==> flow/design.v <==
module data_mux_mod #(
   parameter int WD = 10
) (
   input logic CLK,
   input logic aresetn,
   input logic [WD-1:0] d0,
   input logic [WD-1:0] d1,
   input logic [WD-1:0] d2,
   input logic [WD-1:0] d3,
   input logic [WD-1:0] d4,
   input logic [WD-1:0] d5,
   input logic [WD-1:0] d6,
   input logic [WD-1:0] d7,
   input logic [WD-1:0] d8,
   input logic [WD-1:0] d9,
   input logic [WD-1:0] d10,
   input logic [WD-1:0] d11,
   input logic [WD-1:0] d12,
   input logic [WD-1:0] d13,
   input logic [WD-1:0] d14,
   input logic [WD-1:0] d15,
   input logic [WD-1:0] d16,
   input logic [WD-1:0] d17,
   input logic [WD-1:0] d18,
   input logic [WD-1:0] d19,
   input logic [WD-1:0] d20,
   input logic [WD-1:0] d21,
   input logic [WD-1:0] d22,
   input logic [WD-1:0] d23,
   input logic [4:0] s,
   output logic [WD-1:0] z_o
);
   logic [WD-1:0] d0_ff;
   always_ff @(posedge CLK) begin
      if (~aresetn) begin
         d0_ff <= '0;
      end else begin
         d0_ff <= d0;
      end
   end
   logic [WD-1:0] d1_ff;
   always_ff @(posedge CLK) begin
      if (~aresetn) begin
         d1_ff <= '0;
      end else begin
         d1_ff <= d1;
      end
   end
   logic [WD-1:0] d2_ff;
   always_ff @(posedge CLK) begin
      if (~aresetn) begin
         d2_ff <= '0;
      end else begin
         d2_ff <= d2;
      end
   end
   logic [WD-1:0] d3_ff;
   always_ff @(posedge CLK) begin
      if (~aresetn) begin
         d3_ff <= '0;
      end else begin
         d3_ff <= d3;
      end
   end
   logic [WD-1:0] d4_ff;
   always_ff @(posedge CLK) begin
      if (~aresetn) begin
         d4_ff <= '0;
      end else begin
         d4_ff <= d4;
      end
   end
   logic [WD-1:0] d5_ff;
   always_ff @(posedge CLK) begin
      if (~aresetn) begin
         d5_ff <= '0;
      end else begin
         d5_ff <= d5;
      end
   end
   logic [WD-1:0] d6_ff;
   always_ff @(posedge CLK) begin
      if (~aresetn) begin
         d6_ff <= '0;
      end else begin
         d6_ff <= d6;
      end
   end
   logic [WD-1:0] d7_ff;
   always_ff @(posedge CLK) begin
      if (~aresetn) begin
         d7_ff <= '0;
      end else begin
         d7_ff <= d7;
      end
   end
   logic [WD-1:0] d8_ff;
   always_ff @(posedge CLK) begin
      if (~aresetn) begin
         d8_ff <= '0;
      end else begin
         d8_ff <= d8;
      end
   end
   logic [WD-1:0] d9_ff;
   always_ff @(posedge CLK) begin
      if (~aresetn) begin
         d9_ff <= '0;
      end else begin
         d9_ff <= d9;
      end
   end
   logic [WD-1:0] d10_ff;
   always_ff @(posedge CLK) begin
      if (~aresetn) begin
         d10_ff <= '0;
      end else begin
         d10_ff <= d10;
      end
   end
   logic [WD-1:0] d11_ff;
   always_ff @(posedge CLK) begin
      if (~aresetn) begin
         d11_ff <= '0;
      end else begin
         d11_ff <= d11;
      end
   end
   logic [WD-1:0] d12_ff;
   always_ff @(posedge CLK) begin
      if (~aresetn) begin
         d12_ff <= '0;
      end else begin
         d12_ff <= d12;
      end
   end
   logic [WD-1:0] d13_ff;
   always_ff @(posedge CLK) begin
      if (~aresetn) begin
         d13_ff <= '0;
      end else begin
         d13_ff <= d13;
      end
   end
   logic [WD-1:0] d14_ff;
   always_ff @(posedge CLK) begin
      if (~aresetn) begin
         d14_ff <= '0;
      end else begin
         d14_ff <= d14;
      end
   end
   logic [WD-1:0] d15_ff;
   always_ff @(posedge CLK) begin
      if (~aresetn) begin
         d15_ff <= '0;
      end else begin
         d15_ff <= d15;
      end
   end
   logic [WD-1:0] d16_ff;
   always_ff @(posedge CLK) begin
      if (~aresetn) begin
         d16_ff <= '0;
      end else begin
         d16_ff <= d16;
      end
   end
   logic [WD-1:0] d17_ff;
   always_ff @(posedge CLK) begin
      if (~aresetn) begin
         d17_ff <= '0;
      end else begin
         d17_ff <= d17;
      end
   end
   logic [WD-1:0] d18_ff;
   always_ff @(posedge CLK) begin
      if (~aresetn) begin
         d18_ff <= '0;
      end else begin
         d18_ff <= d18;
      end
   end
   logic [WD-1:0] d19_ff;
   always_ff @(posedge CLK) begin
      if (~aresetn) begin
         d19_ff <= '0;
      end else begin
         d19_ff <= d19;
      end
   end
   logic [WD-1:0] d20_ff;
   always_ff @(posedge CLK) begin
      if (~aresetn) begin
         d20_ff <= '0;
      end else begin
         d20_ff <= d20;
      end
   end
   logic [WD-1:0] d21_ff;
   always_ff @(posedge CLK) begin
      if (~aresetn) begin
         d21_ff <= '0;
      end else begin
         d21_ff <= d21;
      end
   end
   logic [WD-1:0] d22_ff;
   always_ff @(posedge CLK) begin
      if (~aresetn) begin
         d22_ff <= '0;
      end else begin
         d22_ff <= d22;
      end
   end
   logic [WD-1:0] d23_ff;
   always_ff @(posedge CLK) begin
      if (~aresetn) begin
         d23_ff <= '0;
      end else begin
         d23_ff <= d23;
      end
   end
   logic [4:0] s_ff;
   always_ff @(posedge CLK) begin
      if (~aresetn) begin
         s_ff <= '0;
      end else begin
         s_ff <= s;
      end
   end
   logic [WD-1:0] cur;
   always_comb begin
      case (s_ff)
         0: cur = d0_ff;
         1: cur = d1_ff;
         2: cur = d2_ff;
         3: cur = d3_ff;
         4: cur = d4_ff;
         5: cur = d5_ff;
         6: cur = d6_ff;
         7: cur = d7_ff;
         8: cur = d8_ff;
         9: cur = d9_ff;
         10: cur = d10_ff;
         11: cur = d11_ff;
         12: cur = d12_ff;
         13: cur = d13_ff;
         14: cur = d14_ff;
         15: cur = d15_ff;
         16: cur = d16_ff;
         17: cur = d17_ff;
         18: cur = d18_ff;
         19: cur = d19_ff;
         20: cur = d20_ff;
         21: cur = d21_ff;
         22: cur = d22_ff;
         default: cur = d23_ff;
      endcase
   end
   logic [WD-1:0] z_o_ff;
   always_ff @(posedge CLK) begin
      if (~aresetn) begin
         z_o_ff <= '0;
      end else begin
         z_o_ff <= cur;
      end
   end
   assign z_o = z_o_ff;
endmodule
Step by step through the tools: data_mux_mod --
What the tools print for data_mux_mod, step after step. Lines are those of the file above, counted from 1. Operators carry their Yosys type and port widths (W data, S select, Z words). Library cell names are shortened. The mark n/a stands for no value.
Design: design top data_mux_mod, clock CLK, cell library sky130hd, library corner tt_025C_1v80

Word-level counts --
Yosys after proc, flatten, opt, wreduce and memory -nomap, before mapping. Enables and synchronous resets that opt folds into registers are not counted as muxes. Memory bits, and registers merged into a memory's read port (data or address), are not among the register bits. Print and check cells are not counted. Equal cells are merged and count once.
Storage and ports: output and inout port bits 10, flip-flop bits (word level) 255
Cells by class: reduce/logical cells 1, muxes and demuxes 1, equal/unequal tests 22
Operators with widths (number):
- $pmux W10 S23 | 1
- $eq A5 B4 Y1 const B | 8
- $eq A5 B5 Y1 const B | 7
- $eq A5 B3 Y1 const B | 4
- $eq A5 B2 Y1 const B | 2
- $eq A5 B1 Y1 const B | 1
- $logic_not A5 Y1 | 1

Depth --
Longest topological path by Yosys (ltp), each cell counted once; first at word level (registers and memories cut), then after technology mapping (sequential cells cut; the memories' decode and read muxes count).
Logic depth: depth after elaboration 2, ABC_AREA 0, mapped depth 8

Synthesis result --
Yosys stat after the flow's synthesis: flattened, memories mapped to cells. It holds for the ABC_AREA given above (unset counts as 0); a run with the other value may have another netlist. Totals and module areas in this step are rounded.
Cells by type (number):
- dfxtp_1 | 255
- and2_1 | 248
- mux2i_1 | 25
- mux2_2 | 17
- a22oi_1 | 21
- nand3_1 | 31
- o21ai_0 | 31
- clkbuf_1 | 35
- a21oi_1 | 23
- buf_2 | 22
- buf_6 | 7
- nand4_1 | 11
- nor2b_1 | 11
- mux4_2 | 3
- nand2_1 | 18
- a211oi_1 | 8
- a31oi_1 | 9
- and3_1 | 9
Other cell types: 46; their cells: 116.
Synthesis totals: cell count 900, flip-flops 255, chip area (Yosys) 9320 um2, buffer cells 71

Worst setup path after synthesis --
Source: OpenSTA report_checks on the synthesized netlist (no wires, ideal clock, input and output delay 20% of the period each), path of least setup slack; recovery checks are left aside. Register names are those of the netlist, which keeps one name where synthesis merged equal registers.
Path after synthesis: path kind flip-flop to flip-flop, from register s_ff[0], to register z_o_ff[2], required time 1940 ps, data arrival time 1528 ps, delay of the path 1658 ps, setup time 130 ps, driving pins on the path 6, period 2070 ps, path buffers 2, slack 412 ps, synthesis period reached 1658 ps
"delay of the path" is the arrival time less input delay plus setup time. "driving pins on the path" counts driving pins, that of a launching flip-flop among them; a cell with two outputs on the path counts twice. "synthesis period reached" is the clock period less the worst setup slack; recovery checks do not enter. This is arithmetic on one report: input and output delays are still those of the set period (20% each). Between the ends stands the longest chain of elaborated cells between them, by number of cells; it is not shown to be the way that was timed. Of several equally long chains one is given. A line is the first line of the expression or statement that the cell stems from. Yosys adds cells for indexed reads and writes and turns some case tables into memories.
Between the ends, after synthesis: cells stage by stage dfxtp_1 > buf_6 > buf_6 > mux4_2 > a2111oi_2 > a21oi_1, cells in the longest elaborated chain 2, elaborated cells between the ends (all ways) 24, those cells by class eq/ne (22); mux (1); reduce/logical (1)
RTL lines, path after synthesis:
- start, declared | RTL line 225 | logic [4:0] s_ff;
- start, assigned | RTL line 228 | s_ff <= '0;
- start, assigned | RTL line 230 | s_ff <= s;
- $eq A5 B5 Y1 | RTL line 235 | case (s_ff)
- $pmux W10 S23 | RTL line 235
- end, assigned | RTL line 265 | z_o_ff <= '0;
- end, assigned | RTL line 267 | z_o_ff <= cur;
- end, declared | RTL line 262 | logic [WD-1:0] z_o_ff;

Path in the finished layout --
Path of least setup slack in the final report of job 2 (OpenROAD, finished layout, wires in). Where an end is a register, its clock arrival counts in the times. The report prints the path's times to 10 ps; the period is as set.
Path post-layout: path kind flip-flop to flip-flop, from register s_ff[4], to register z_o_ff[7], data arrival time 2880 ps, required time 2990 ps, setup time 140 ps, period 2580 ps, driving pins on the path 7, path buffers 1, slack 110 ps
Between the ends stands the longest chain of elaborated cells between them, by number of cells; it is not shown to be the way that was timed. Of several equally long chains one is given.
Between the ends, post-layout: cells stage by stage dfxtp_2 > buf_12 > and2b_1 > a21oi_1 > nor3_1 > a2111oi_2 > a31oi_1, cells in the longest elaborated chain 2, elaborated cells between the ends (all ways) 24, those cells by class eq/ne (22); mux (1); reduce/logical (1)
RTL lines, path post-layout:
- start, declared | RTL line 225 | logic [4:0] s_ff;
- start, assigned | RTL line 228 | s_ff <= '0;
- start, assigned | RTL line 230 | s_ff <= s;
- $eq A5 B5 Y1 | RTL line 235 | case (s_ff)
- $pmux W10 S23 | RTL line 235
- end, assigned | RTL line 265 | z_o_ff <= '0;
- end, assigned | RTL line 267 | z_o_ff <= cur;
- end, declared | RTL line 262 | logic [WD-1:0] z_o_ff;

--- measured runs ---
Settings and measured results of 3 stored flow runs for module data_mux_mod (sky130hd), not sorted in any way. The constraints put input and output delay at 20% of the set period each and load the outputs with 0.01 pF.
"achieved clock period" is the run's clock period less its worst setup slack. It is reckoned from that one timing run; input and output delays stay at 20% of the period that was set.
"worst setup path time" is the time allowed to the run's worst setup path (the clock period less input and output delay, where it has them) less its slack. Clock arrival times count: a late capture clock shortens it, a late launch clock lengthens it.
By "overall power" is meant OpenSTA's value without simulated activity: inputs other than the clock are taken to toggle once in ten clock periods, and the tool carries that through the logic.
"worst setup path time" is given in steps of 10 ps.
The measured numbers are rounded.

[job 1] flow files
==> flow/run.sh <==
#!/bin/bash
# the make line also repeats the synthesis and layout settings of config.mk as NAME=value (left out here)
make -C /OpenROAD-flow-scripts/flow DESIGN_CONFIG=/design/flow/config.mk WORK_HOME=/design/flow/orfs CLKGATE_MAP_FILE= finish
==> flow/config.mk <==
export PLATFORM = sky130hd
export DESIGN_NAME = data_mux_mod
export DESIGN_NICKNAME = data_mux_mod
export VERILOG_FILES = /design/flow/design.v
export SDC_FILE = /design/flow/constraint.sdc
export NUM_CORES = 4
export LEC_CHECK = 0
export CAP_MARGIN = 20
export CELL_PAD_IN_SITES_DETAIL_PLACEMENT = 2
export CELL_PAD_IN_SITES_GLOBAL_PLACEMENT = 2
export CORE_MARGIN = 2
export CORE_UTILIZATION = 54
export PLACE_DENSITY_LB_ADDON = 0.18
export SLEW_MARGIN = 15
==> flow/constraint.sdc <==
create_clock -name core_clock -period 1.04 [get_ports {CLK}]
set_input_delay 0.2080 -clock core_clock [delete_from_list [all_inputs] [get_ports {CLK}]]
set_output_delay 0.2080 -clock core_clock [all_outputs]
set_load 0.01 [all_outputs]

[job 1] result: no final report: placement broke off with FLW-0024

[job 2] flow files
==> flow/run.sh <==
#!/bin/bash
# the make line also repeats the synthesis and layout settings of config.mk as NAME=value (left out here)
make -C /OpenROAD-flow-scripts/flow DESIGN_CONFIG=/design/flow/config.mk WORK_HOME=/design/flow/orfs CLKGATE_MAP_FILE= finish
==> flow/config.mk <==
export PLATFORM = sky130hd
export DESIGN_NAME = data_mux_mod
export DESIGN_NICKNAME = data_mux_mod
export VERILOG_FILES = /design/flow/design.v
export SDC_FILE = /design/flow/constraint.sdc
export NUM_CORES = 4
export LEC_CHECK = 0
export CAP_MARGIN = 35
export CELL_PAD_IN_SITES_GLOBAL_PLACEMENT = 3
export CORE_MARGIN = 4
export CORE_UTILIZATION = 28
export CTS_CLUSTER_DIAMETER = 34
export MAX_ROUTING_LAYER = met4
export MIN_ROUTING_LAYER = met2
export SETUP_SLACK_MARGIN = -0.21
export SLEW_MARGIN = 20
==> flow/constraint.sdc <==
create_clock -name core_clock -period 2.58 [get_ports {CLK}]
set_input_delay 0.5160 -clock core_clock [delete_from_list [all_inputs] [get_ports {CLK}]]
set_output_delay 0.5160 -clock core_clock [all_outputs]
set_load 0.01 [all_outputs]

[job 2] result: die area 36300 um2; achieved clock period 2473 ps; standard-cell area after routing 14200 um2; utilization after layout 43.6 %; post-route worst hold slack 388 ps; worst setup path time 2470 ps; class of the worst setup path flip-flop to flip-flop; overall power 12200 µW; total negative slack 0 ps; setup slack of the worst path 107 ps; synthesis area 9320 um2

[job 3] flow files
==> flow/run.sh <==
#!/bin/bash
# the make line also repeats the synthesis and layout settings of config.mk as NAME=value (left out here)
make -C /OpenROAD-flow-scripts/flow DESIGN_CONFIG=/design/flow/config.mk WORK_HOME=/design/flow/orfs CLKGATE_MAP_FILE= finish
==> flow/config.mk <==
export PLATFORM = sky130hd
export DESIGN_NAME = data_mux_mod
export DESIGN_NICKNAME = data_mux_mod
export VERILOG_FILES = /design/flow/design.v
export SDC_FILE = /design/flow/constraint.sdc
export NUM_CORES = 4
export LEC_CHECK = 0
export CAP_MARGIN = 20
export CORE_MARGIN = 2
export CORE_UTILIZATION = 40
export SLEW_MARGIN = 20
==> flow/constraint.sdc <==
create_clock -name core_clock -period 2.07 [get_ports {CLK}]
set_input_delay 0.4140 -clock core_clock [delete_from_list [all_inputs] [get_ports {CLK}]]
set_output_delay 0.4140 -clock core_clock [all_outputs]
set_load 0.01 [all_outputs]

[job 3] result: utilization after layout 58.1 %; total negative slack 0 ps; worst setup path time 1990 ps; class of the worst setup path flip-flop to flip-flop; synthesis area 9320 um2; achieved clock period 1993 ps; die area 24500 um2; standard-cell area after routing 13200 um2; overall power 11100 µW; setup slack of the worst path 77 ps; post-route worst hold slack 270 ps
--- end ---
